==> flow/design.v <==
module cmp_unit_blk #(
    parameter int W = 40
) (
    input logic core_clk,
    input logic clr,
    input logic [W-1:0] lhs_in,
    input logic [W-1:0] rhs_in,
    output logic a_lt_b_out,
    output logic is_eq_out,
    output logic gt_out
);
    always_ff @(posedge core_clk or posedge clr) begin
        if (clr) begin
            a_lt_b_out <= 1'b0;
            is_eq_out <= 1'b0;
            gt_out <= 1'b0;
        end else begin
            a_lt_b_out <= (lhs_in < rhs_in);
            is_eq_out <= (lhs_in == rhs_in);
            gt_out <= (lhs_in > rhs_in);
        end
    end
endmodule
# Step by step through the tools: cmp_unit_blk
# Tool output for the design above, in the order of the flow.
# Lines are those of the file above, counted from 1.
# Library cell names are shortened.
# The mark n/a stands for no value.
# inputs
top	cmp_unit_blk
clock	core_clk
cell_library	sky130hd
lib_corner	tt_025C_1v80

# Word-level counts
# Counts by Yosys on the flattened word-level netlist (proc, flatten, opt, wreduce; memories kept). Register bits leave out memories and registers merged into their read ports (data or address); mux counts leave out enables and synchronous resets folded into registers. Print and check cells are left out. Cells with the same type and inputs are merged into one.
# classes
cmp	2
equal	1
# ops
op	count
> comparator 40 bit	1
< comparator 40 bit	1
equality test 40 bit	1
# bits
ff_bits	3

# Depth
# Yosys ltp: most cells in a row. Word level: on the elaborated netlist, between registers, memories and ports. Mapped: between sequential cells and ports; inverters and the memories' decode and read muxes count.
# logic_depth
ltp_word	1
ABC_AREA	0
depth_mapped	8
ltp_nobuf	8

# After synthesis
# Source: synth_stat.txt of the flow (Yosys; design flattened, memories mapped). It holds for the ABC_AREA given above (unset counts as 0); a run with the other value may have another netlist.
# synth_totals
cells	149
area_um2	1111.1
flip_flops	3
n_buf	0
# by_type
cell	count	area_total_um2
ha_1	40	500.48
inv_1	42	157.651
a21oi_1	15	75.072
dfrtp_1	3	75.072
nand2_1	15	56.304
nand4_2	3	37.536
a221oi_1	3	26.275
nor2_1	6	22.522
nor4_4	1	21.27
nand3_1	4	20.019
nand4_1	3	18.768
a211oi_1	2	15.014
o211ai_1	2	15.014
o21ai_0	3	15.014
nor4_2	1	12.512
a211o_1	1	8.758
and4_1	1	8.758
and2_2	1	7.507
# Other cell types: 3; their cells: 3.

# Timing after synthesis
# OpenSTA on the mapped netlist: ideal clock, no wires. The path of least setup slack (recovery checks aside). Input and output delay are each 20% of the period. Register names are those of the netlist, which keeps one name where synthesis merged equal registers.
# synth_timing
kind	input-to-reg
from	input rhs_in[38]
to	register gt_out
clock_period_ns	2.38
in_delay_ns	0.476
setup_time_ns	0.128
t_first_pin_ns	0.476
arrival_time_ns	1.869
required_time_ns	2.252
path_slack_ns	0.382
delay_ns	1.521
stages	8
path_buffers	0
synth_period_reached_ns	1.998
# "delay_ns" is the arrival time less input delay plus setup time.
# "stages": output pins that drive a net of the path, with the launching flip-flop's if there is one; two outputs of one cell count as two.
# "synth_period_reached_ns" = period - worst setup slack (recovery checks aside). The figure is calculated, with input and output delays left at 20% of the set period.
# Between the ends stands the longest chain of elaborated cells between them, by number of cells; it is not shown to be the way that was timed. Of several equally long chains one is given.
# Each line given opens the expression or statement behind the cell; cells for indexed reads and writes are added by Yosys, which also makes memories of some case tables.
# synth_via
path_cell_list	inv_1 -> ha_1 -> nand4_2 -> nor4_4 -> nand4_2 -> nor4_2 -> and2_2 -> nor2_1
elab_chain_len	1
cells_between	1
lines_between	1
classes_between	1 x compare
# synth_rtl
element	line_no	rtl
start: declaration	7	input logic [W-1:0] rhs_in,
> comparator 40 bit	20	gt_out <= (lhs_in > rhs_in);
end: assignment	16	gt_out <= 1'b0;
end: assignment	20
end: declaration	10	output logic gt_out

# Worst path after layout
# From the final timing report of flow run 1: the path of least setup slack in the routed layout; clock arrival at registers is part of the times.
# layout_timing
kind	input-to-reg
from	input rhs_in[38]
to	register gt_out
clock_period_ns	3.63
in_delay_ns	0.73
setup_time_ns	0.13
t_first_pin_ns	0.73
arrival_time_ns	2.77
required_time_ns	3.72
path_slack_ns	0.94
stages	9
path_buffers	1
# Between the ends stands the longest chain of elaborated cells between them, by number of cells; it is not shown to be the way that was timed. Of several equally long chains one is given.
# layout_via
path_cell_list	clkdlybuf4s50_1 -> inv_1 -> ha_1 -> nand4_2 -> nor4_4 -> nand4_2 -> nor4_2 -> and2_2 -> nor2_1
elab_chain_len	1
cells_between	1
lines_between	1
classes_between	1 x compare
# layout_rtl
element	line_no	rtl
start: declaration	7	input logic [W-1:0] rhs_in,
> comparator 40 bit	20	gt_out <= (lhs_in > rhs_in);
end: assignment	16	gt_out <= 1'b0;
end: assignment	20
end: declaration	10	output logic gt_out

# Record of 3 stored runs of the RTL-to-layout flow on cmp_unit_blk, platform sky130hd. The runs are unordered. Constraints: input delay and output delay 20% of the set period each, output load 0.01 pF.
# By "achieved_period_ns" is meant the clock period of the run minus its worst setup slack. This is arithmetic on one report: input and output delays are still those of the set period (20% each).
# "worst_path_ns": the worst setup path's part of the clock period (all of it between registers, 20% less for each end at a port) less its slack. A launch clock that arrives late makes it longer, a capture clock that arrives late makes it shorter.
# "final_power_mw" is the tool's figure for a default switching activity; nothing was simulated.
# Settings: -- = not set for that run.
# A result given as -- is not shown for that run.
stored run	period_ns	CORE_UTILIZATION	PLACE_DENSITY	CORE_ASPECT_RATIO	CELL_PAD_IN_SITES_DETAIL_PLACEMENT	CAP_MARGIN	CORE_MARGIN	SLEW_MARGIN	SETUP_SLACK_MARGIN	GPL_TIMING_DRIVEN	GPL_ROUTABILITY_DRIVEN	CTS_CLUSTER_SIZE	MAX_ROUTING_LAYER	design.die.area_um2	finish.stdcell_area_um2	worst_path_ns	critical_path_type	finalUtil_pct	worst_setup_slack_ns	achieved_period_ns	setup_tns_ns	synthesis_area_um2	final_power_mw
flow run 1	3.63	32	0.48	0.5	1	20	2	20	--	--	--	--	--	3987.9	2049.5	1.96	input-to-reg	60.7	0.944	2.686	0.000	1111.1	0.3343
flow run 2	2.38	40	--	--	--	20	2	20	--	--	--	--	--	3215.5	2183.3	1.85	input-to-reg	81.3	0.054	2.326	0.000	1111.1	0.4953
flow run 3	2.12	61	0.91	0.9	--	20	2	10	0.45	1	1	13	met4	--	--	--	--	--	--	--	--	--	--
# Flow run 3: no results, placement failed with GPL-0301
